==> flow/design.v <==
module ex_registers_blk #(
   parameter DEPTH = 96,
   parameter DW = 12,
   parameter AW = $clog2(DEPTH)
) (
   input  core_clk,
   input  we,
   input  [AW-1:0] wa,
   input  [DW-1:0] wdata,
   input  [AW-1:0] ra_a,
   input  [AW-1:0] ra_b,
   output reg [DW-1:0] dout_a,
   output reg [DW-1:0] dout_b
);
   reg we_r;
   reg [AW-1:0] wa_r;
   reg [DW-1:0] wdata_r;
   reg [DW-1:0] bank [0:DEPTH-1];
   always @(posedge core_clk) begin
      if (we_r)
         bank[wa_r] <= wdata_r;
   end
   reg [AW-1:0] ra_a_r;
   reg [AW-1:0] ra_b_r;
   always @(posedge core_clk) begin
      we_r <= we;
      wa_r <= wa;
      wdata_r <= wdata;
      ra_a_r <= ra_a;
      ra_b_r <= ra_b;
      dout_a <= (we_r && wa_r == ra_a_r) ? wdata_r : bank[ra_a_r];
      dout_b <= (we_r && wa_r == ra_b_r) ? wdata_r : bank[ra_b_r];
   end
endmodule
# Tool chain data of ex_registers_blk
# The steps from the RTL of ex_registers_blk to its reports follow in flow order.
# Lines are those of the file above, counted from 1.
# Operators carry their Yosys type and port widths (W data, S select, Z words).
# Library cell names are shortened.
# Not given: --
[setup]
top_module = "ex_registers_blk"
clock_port = "core_clk"
lib = "sky130hd"
pvt_corner = "tt_025C_1v80"

# Word level
# Yosys after proc, flatten, opt, wreduce and memory -nomap, before mapping. Enables and synchronous resets that opt folds into registers are not counted as muxes. Memory bits, and registers merged into a memory's read port (data or address), are not among the register bits. Print and check cells are not counted. Equal cells are merged and count once.
# Yosys's memory passes give these memory sizes; they may raise the number of words (mostly to a power of two), join words into wider ones and drop unused or constant bits.
[classes]
add_sub_neg = 0
n_logic = 0
div_mod_pow = 0
n_eq = 0
shift = 0
n_mul = 0
reduce_logical = 0
mux = 3
cmp = 0
[op_table]
columns = ["operator", "n"]
rows = [
  ["$mux W12", 1],
  ["$mux W7", 1],
  ["$mux W1", 1],
]
[bits]
mem_count = 1
clocked_rd_ports_x_width = 24
romBits = 0
input_bits = 35
ff_bits = 34
ram_bits = 1152
out_inout_bits = 24
latchBits = 0
[memory_table]
columns = ["memory", "words", "word_bits", "rd", "write_ports", "line_no", "text"]
rows = [
  ["bank", 96, 12, 2, 1, 18, "reg [DW-1:0] bank [0:DEPTH-1];"],
]

# Longest topological paths
# Yosys ltp: most cells in a row. Word level: on the elaborated netlist, between registers, memories and ports. Mapped: between sequential cells and ports; inverters and the memories' decode and read muxes count.
[depth]
word_depth = 1
ABC_AREA = 0
depth_mapped = 10
depth_no_buf = 5

# Netlist
# Yosys stat after the flow's synthesis: flattened, memories mapped to cells. It holds for the ABC_AREA given above (unset counts as 0); a run with the other value may have another netlist.
# The area totals of this step are shown rounded.
[mapped]
seqArea_um2 = 35600
ff_cells = 1200
synth_area_um2 = 54700
n_buf = 207
cells = 2801
[by_type]
columns = ["cell", "n", "type_area_um2"]
rows = [
  ["edfxtp_1", 1152, 3.46E+04],
  ["mux4_2", 569, 1.28E+04],
  ["mux2i_1", 151, 1511.45],
  ["dfxtp_1", 48, 960.922],
  ["nand2_1", 135, 506.736],
  ["nor2_1", 129, 484.214],
  ["buf_2", 86, 430.413],
  ["nand3_1", 76, 380.365],
  ["buf_4", 39, 292.781],
  ["a22oi_1", 35, 262.752],
  ["o22ai_1", 40, 250.24],
  ["clkbuf_1", 59, 221.462],
  ["o21ai_0", 43, 215.206],
  ["a32oi_1", 20, 175.168],
  ["a221oi_1", 19, 166.41],
  ["nor2b_1", 23, 143.888],
  ["mux2_2", 12, 135.13],
  ["a211oi_1", 15, 112.608],
]
# Not listed: further types 25, cells in them 150.

# Path before layout
# Path of least setup slack by OpenSTA after synthesis, without wires, with an ideal clock, recovery checks aside; 20% of the period is set as input and as output delay. Where synthesis merged equal registers, the netlist keeps one of their names.
[synth_path]
kind = "reg2out"
startpoint = "register (no name shown)"
endpoint = "output port dout_a[7]"
period_ns = 3.08
t_arrival_ns = 1.969
path_buffers = 4
required_ns = 2.464
setup_slack_ns = 0.495
delay_ns = 1.969
stages = 10
period_less_setup_slack_ns = 2.585
# "delay_ns" is the arrival time less input delay plus setup time.
# At an output port there is no setup time.
# "stages" counts driving pins, that of a launching flip-flop among them; a cell with two outputs on the path counts twice.
# "period_less_setup_slack_ns" is the clock period less the worst setup slack; recovery checks do not enter. This is arithmetic on one report: input and output delays are still those of the set period (20% each).
[synth_via]
path_cell_list = "dfxtp_1 > buf_6 > buf_4 > buf_4 > buf_2 > mux4_2 > a22oi_1 > nand3_1 > a22oi_1 > o21ai_0"
[synth_rtl]
columns = ["item", "line_no", "text"]
rows = [
  ["end: declaration", 12, "output reg [DW-1:0] dout_a,"],
]
# No chain of elaborated cells between the ends is given.

# Path in the finished layout
# From the final timing report of stored run 1: the path of least setup slack in the routed layout; clock arrival at registers is part of the times.
[layout_path]
kind = "reg2out"
startpoint = "register (no name shown)"
endpoint = "output port dout_a[0]"
period_ns = 2.32
t_arrival_ns = 3.33
path_buffers = 6
required_ns = 1.86
setup_slack_ns = -1.48
stages = 12
[layout_via]
path_cell_list = "dfxtp_4 > buf_12 > buf_16 > mux4_2 > mux2i_1 > buf_4 > a22oi_2 > buf_4 > nand3_4 > buf_6 > o211ai_1 > buf_2"
[layout_rtl]
columns = ["item", "line_no", "text"]
rows = [
  ["end: declaration", 12, "output reg [DW-1:0] dout_a,"],
]
# No chain of elaborated cells between the ends is given.

# Below are 2 stored runs of the flow (Yosys, OpenROAD; platform sky130hd) on ex_registers_blk, each with its settings and what was measured, unordered. Constraints: input delay and output delay 20% of the set period each, output load 0.01 pF.
# By "achieved_clock_period_ns" is meant the clock period of the run minus its worst setup slack. This is arithmetic on one report: input and output delays are still those of the set period (20% each).
# "worst_path_ns" is the time allowed to the run's worst setup path (the clock period less input and output delay, where it has them) less its slack. Clock arrival times count: a late capture clock shortens it, a late launch clock lengthens it.
# "final_power_w" is the tool's figure for a default switching activity; nothing was simulated.
# Results are given in rounded form.

[[run]]
name = "stored run 1"
[run.settings]
period_ns = 2.32
CORE_UTILIZATION = 33
SETUP_SLACK_MARGIN = 0.49
PLACE_DENSITY_LB_ADDON = 0.2
CORE_MARGIN = 9
CELL_PAD_IN_SITES_GLOBAL_PLACEMENT = 2
CELL_PAD_IN_SITES_DETAIL_PLACEMENT = 0
TNS_END_PERCENT = 60
CTS_CLUSTER_DIAMETER = 176
CAP_MARGIN = 20
MIN_ROUTING_LAYER = "met1"
SLEW_MARGIN = 20
[run.results]
synth_area_um2 = 54700
dieArea_um2 = 181000
layout_stdcell_area_um2 = 74100
utilization_pct = 45.3
worst_setup_slack_ns = -1.48
tns_setup_ns = -33.3
ws_hold_ns = 0.111
final_power_w = 0.0532
achieved_clock_period_ns = 3.797
worst_path_ns = 3.33
worst_setup_path_type = "reg2out"

[[run]]
name = "stored run 2"
[run.settings]
period_ns = 3.08
CAP_MARGIN = 20
CORE_MARGIN = 2
CORE_UTILIZATION = 40
SLEW_MARGIN = 20
[run.results]
synth_area_um2 = 54700
dieArea_um2 = 140000
layout_stdcell_area_um2 = 70200
utilization_pct = 51.8
worst_setup_slack_ns = -0.964
tns_setup_ns = -19.8
ws_hold_ns = 0.265
final_power_w = 0.0385
achieved_clock_period_ns = 4.044
worst_path_ns = 3.43
worst_setup_path_type = "reg2out"
